==> flow/design.v <==
module sync_barrel_mod #(
  parameter integer BITS = 20,
  parameter integer SBITS = $clog2(BITS)
) (
  input logic sys_clk,
  input logic clr,
  input logic [BITS-1:0] ch,
  input logic [SBITS-1:0] sa,
  output logic [BITS-1:0] res
);
  logic [BITS-1:0] ch_r;
  logic [SBITS-1:0] sa_r;
  always_ff @(posedge sys_clk) begin
    if (clr) begin
      ch_r <= 0;
      sa_r <= 0;
      res <= 0;
    end else begin
      ch_r <= ch;
      sa_r <= sa;
      res <= ch_r >> sa_r;
    end
  end
endmodule
# [Reports on sync_barrel_mod]
# What the tools print for sync_barrel_mod, step after step.
# Lines are those of the file above, counted from 1.
# Operators carry their Yosys type and port widths (W data, S select, Z words).
# A cell with - has no value.
[setup] design="sync_barrel_mod" clock="sys_clk" library="sky130hd" lib_corner="tt_025C_1v80"

# [Word level]
# Yosys after proc, flatten, opt, wreduce and memory -nomap, before mapping. Enables and synchronous resets that opt folds into registers are not counted as muxes. Memory bits, and registers merged into a memory's read port (data or address), are not among the register bits. Print and check cells are not counted. Equal cells are merged and count once.
[op_classes] shift=1
[op_table] op="$shr A20 B5 Y20" n=1
[word_totals] register_bits=45 input_bits=27 output_inout_bits=20 word_cells=4

# [Longest topological paths]
# Yosys ltp: most cells in a row. Word level: on the elaborated netlist, between registers, memories and ports. Mapped: between sequential cells and ports; inverters and the memories' decode and read muxes count.
[logic_depth] depth_word=1 ABC_AREA=0 depth_mapped=7 depth_no_buf=4

# [Netlist]
# Yosys stat after the flow's synthesis: flattened, memories mapped to cells. It holds for the ABC_AREA given above (unset counts as 0); a run with the other value may have another netlist.
# The area totals of this step are shown rounded.
[types] cell_type="sky130_fd_sc_hd__dfxtp_1" n=45 area_total_um2=900.864
[types] cell_type="sky130_fd_sc_hd__mux2i_1" n=27 area_total_um2=270.259
[types] cell_type="sky130_fd_sc_hd__nor2b_1" n=30 area_total_um2=187.68
[types] cell_type="sky130_fd_sc_hd__mux4_1" n=5 area_total_um2=131.376
[types] cell_type="sky130_fd_sc_hd__mux2_2" n=6 area_total_um2=67.565
[types] cell_type="sky130_fd_sc_hd__nor2_1" n=13 area_total_um2=48.797
[types] cell_type="sky130_fd_sc_hd__mux4_2" n=2 area_total_um2=45.043
[types] cell_type="sky130_fd_sc_hd__o22ai_1" n=7 area_total_um2=43.792
[types] cell_type="sky130_fd_sc_hd__nand2b_1" n=5 area_total_um2=31.28
[types] cell_type="sky130_fd_sc_hd__mux2_4" n=2 area_total_um2=30.029
[types] cell_type="sky130_fd_sc_hd__nand3_1" n=6 area_total_um2=30.029
[types] cell_type="sky130_fd_sc_hd__clkbuf_1" n=7 area_total_um2=26.275
[types] cell_type="sky130_fd_sc_hd__o22ai_2" n=2 area_total_um2=25.024
[types] cell_type="sky130_fd_sc_hd__a22oi_1" n=3 area_total_um2=22.522
[types] cell_type="sky130_fd_sc_hd__buf_6" n=2 area_total_um2=22.522
[types] cell_type="sky130_fd_sc_hd__nand2_1" n=6 area_total_um2=22.522
[types] cell_type="sky130_fd_sc_hd__buf_12" n=1 area_total_um2=20.019
[types] cell_type="sky130_fd_sc_hd__buf_2" n=4 area_total_um2=20.019
# Not listed: further types 13, cells in them 15.
[mapped] cell_count=188 mapped_area_um2=2100 seqArea_um2=900 flip_flops=45 n_buf=16

# [Path before layout]
# Path of least setup slack by OpenSTA after synthesis, without wires, with an ideal clock, recovery checks aside; 20% of the period is set as input and as output delay. Where synthesis merged equal registers, the netlist keeps one of their names.
[synth_path] path_type="register to register" startpoint="register sa_r[0]" endpoint="register res[1]" clock_period_ns=1.89 setup_time_ns=0.133 launch_ns=0.000 arrival_time_ns=1.381 required_time_ns=1.757 setup_slack_ns=0.376 path_delay_ns=1.514 stages=6 n_path_buf=1 period_less_setup_slack_ns=1.514
# "path_delay_ns" is the arrival time less input delay plus setup time.
# "stages" counts driving pins, that of a launching flip-flop among them; a cell with two outputs on the path counts twice.
# "period_less_setup_slack_ns" = period - worst setup slack (recovery checks aside). The figure is calculated, with input and output delays left at 20% of the set period.
# The rows between start and end are the longest chain of elaborated cells between them; the timing report does not say that the signal goes this way. Where chains are equally long, one stands for them.
# Each line given opens the expression or statement behind the cell; cells for indexed reads and writes are added by Yosys, which also makes memories of some case tables.
[synth_between] path_cell_list="sky130_fd_sc_hd__dfxtp_1 -> sky130_fd_sc_hd__buf_6 -> sky130_fd_sc_hd__mux4_1 -> sky130_fd_sc_hd__mux2_2 -> sky130_fd_sc_hd__nand2_1 -> sky130_fd_sc_hd__o221ai_1" elab_chain_len=1 cells_between=1 lines_between=1 classes_between="shift: 1"
[synth_rtl] element="start, declared" line_no=12 text="logic [SBITS-1:0] sa_r;"
[synth_rtl] element="start, assigned" line_no=16 text="sa_r <= 0;"
[synth_rtl] element="start, assigned" line_no=20 text="sa_r <= sa;"
[synth_rtl] element="$shr A20 B5 Y20" line_no=21 text="res <= ch_r >> sa_r;"
[synth_rtl] element="end, assigned" line_no=17 text="res <= 0;"
[synth_rtl] element="end, assigned" line_no=21
[synth_rtl] element="end, declared" line_no=9 text="output logic [BITS-1:0] res"

# [Worst path after layout]
# Path of least setup slack in the final report of record 2 (OpenROAD, finished layout, wires in). Where an end is a register, its clock arrival counts in the times.
[layout_path] path_type="register to register" startpoint="register sa_r[0]" endpoint="register res[0]" clock_period_ns=1.83 setup_time_ns=0.08 launch_ns=0.29 arrival_time_ns=1.92 required_time_ns=2.04 setup_slack_ns=0.12 stages=6 n_path_buf=2
# The rows between start and end are the longest chain of elaborated cells between them; the timing report does not say that the signal goes this way. Where chains are equally long, one stands for them.
[layout_between] path_cell_list="sky130_fd_sc_hd__dfxtp_1 -> sky130_fd_sc_hd__buf_12 -> sky130_fd_sc_hd__buf_4 -> sky130_fd_sc_hd__mux2i_1 -> sky130_fd_sc_hd__mux4_2 -> sky130_fd_sc_hd__o211ai_1" elab_chain_len=1 cells_between=1 lines_between=1 classes_between="shift: 1"
[layout_rtl] element="start, declared" line_no=12 text="logic [SBITS-1:0] sa_r;"
[layout_rtl] element="start, assigned" line_no=16 text="sa_r <= 0;"
[layout_rtl] element="start, assigned" line_no=20 text="sa_r <= sa;"
[layout_rtl] element="$shr A20 B5 Y20" line_no=21 text="res <= ch_r >> sa_r;"
[layout_rtl] element="end, assigned" line_no=17 text="res <= 0;"
[layout_rtl] element="end, assigned" line_no=21
[layout_rtl] element="end, declared" line_no=9 text="output logic [BITS-1:0] res"

Lab notebook: sync_barrel_mod

3 stored runs of sync_barrel_mod in the flow (synthesis by Yosys, layout by OpenROAD, sky130hd cells), in arbitrary order. Constraints: input delay and output delay 20% of the set period each, output load 0.01 pF.
"period_less_ws_ns" = clock period - worst setup slack. The figure is calculated, with input and output delays left at 20% of the set period.
"worstPathTime_ns" = time allowed to the worst setup path (clock period - input delay - output delay, where it has them) - its slack; a late launch clock adds to it, a late capture clock takes from it.
"power_total_w" rests on the timing tool's default activity at the inputs, not on a simulated workload.
Measured values are rounded.

[flow] record 1: files
==> flow/run.sh <==
#!/bin/bash
# the make line also repeats the synthesis and layout settings of config.mk as NAME=value (left out here)
make -C /OpenROAD-flow-scripts/flow DESIGN_CONFIG=/design/flow/config.mk WORK_HOME=/design/flow/orfs CLKGATE_MAP_FILE= finish
==> flow/config.mk <==
export PLATFORM = sky130hd
export DESIGN_NAME = sync_barrel_mod
export DESIGN_NICKNAME = sync_barrel_mod
export VERILOG_FILES = /design/flow/design.v
export SDC_FILE = /design/flow/constraint.sdc
export NUM_CORES = 4
export LEC_CHECK = 0
export CAP_MARGIN = 20
export CELL_PAD_IN_SITES_DETAIL_PLACEMENT = 2
export CORE_MARGIN = 2
export CORE_UTILIZATION = 58
export CTS_CLUSTER_DIAMETER = 181
export GPL_TIMING_DRIVEN = 0
export MIN_ROUTING_LAYER = met2
export PLACE_DENSITY_LB_ADDON = 0.07
export SLEW_MARGIN = 20
==> flow/constraint.sdc <==
create_clock -name core_clock -period 1.38 [get_ports {sys_clk}]
set_input_delay 0.2760 -clock core_clock [delete_from_list [all_inputs] [get_ports {sys_clk}]]
set_output_delay 0.2760 -clock core_clock [all_outputs]
set_load 0.01 [all_outputs]

[flow] record 1: no results, placement failed with DPL-0033

[flow] record 2: files
==> flow/run.sh <==
#!/bin/bash
# the make line also repeats the synthesis and layout settings of config.mk as NAME=value (left out here)
make -C /OpenROAD-flow-scripts/flow DESIGN_CONFIG=/design/flow/config.mk WORK_HOME=/design/flow/orfs CLKGATE_MAP_FILE= finish
==> flow/config.mk <==
export PLATFORM = sky130hd
export DESIGN_NAME = sync_barrel_mod
export DESIGN_NICKNAME = sync_barrel_mod
export VERILOG_FILES = /design/flow/design.v
export SDC_FILE = /design/flow/constraint.sdc
export NUM_CORES = 4
export LEC_CHECK = 0
export CAP_MARGIN = 40
export CELL_PAD_IN_SITES_DETAIL_PLACEMENT = 1
export CORE_MARGIN = 2
export CORE_UTILIZATION = 17
export GPL_TIMING_DRIVEN = 1
export MIN_ROUTING_LAYER = met1
export PLACE_DENSITY_LB_ADDON = 0.02
export SLEW_MARGIN = 20
export TNS_END_PERCENT = 75
==> flow/constraint.sdc <==
create_clock -name core_clock -period 1.83 [get_ports {sys_clk}]
set_input_delay 0.3660 -clock core_clock [delete_from_list [all_inputs] [get_ports {sys_clk}]]
set_output_delay 0.3660 -clock core_clock [all_outputs]
set_load 0.01 [all_outputs]

[flow] record 2: metrics
[metrics] fin_tns_ns = 0.000
[metrics] fin_ws_ns = 0.12
[metrics] synth_chip_area_um2 = 2100
[metrics] post_route_stdcell_area_um2 = 2900
[metrics] holdWs_ns = 0.63
[metrics] power_total_w = 0.0024
[metrics] period_less_ws_ns = 1.713
[metrics] worstPathTime_ns = 1.71
[metrics] worst_setup_path_type = register to register
[metrics] finish.utilization_pct = 24
[metrics] die_area_um2 = 13000

[flow] record 3: files
==> flow/run.sh <==
#!/bin/bash
# the make line also repeats the synthesis and layout settings of config.mk as NAME=value (left out here)
make -C /OpenROAD-flow-scripts/flow DESIGN_CONFIG=/design/flow/config.mk WORK_HOME=/design/flow/orfs CLKGATE_MAP_FILE= finish
==> flow/config.mk <==
export PLATFORM = sky130hd
export DESIGN_NAME = sync_barrel_mod
export DESIGN_NICKNAME = sync_barrel_mod
export VERILOG_FILES = /design/flow/design.v
export SDC_FILE = /design/flow/constraint.sdc
export NUM_CORES = 4
export LEC_CHECK = 0
export CAP_MARGIN = 20
export CORE_MARGIN = 2
export CORE_UTILIZATION = 40
export SLEW_MARGIN = 20
==> flow/constraint.sdc <==
create_clock -name core_clock -period 1.89 [get_ports {sys_clk}]
set_input_delay 0.3780 -clock core_clock [delete_from_list [all_inputs] [get_ports {sys_clk}]]
set_output_delay 0.3780 -clock core_clock [all_outputs]
set_load 0.01 [all_outputs]

[flow] record 3: metrics
[metrics] power_total_w = 0.002
[metrics] synth_chip_area_um2 = 2100
[metrics] fin_ws_ns = 0.18
[metrics] worstPathTime_ns = 1.71
[metrics] worst_setup_path_type = register to register
[metrics] period_less_ws_ns = 1.710
[metrics] holdWs_ns = 0.64
[metrics] finish.utilization_pct = 53
[metrics] fin_tns_ns = 0.000
[metrics] post_route_stdcell_area_um2 = 2700
[metrics] die_area_um2 = 5700
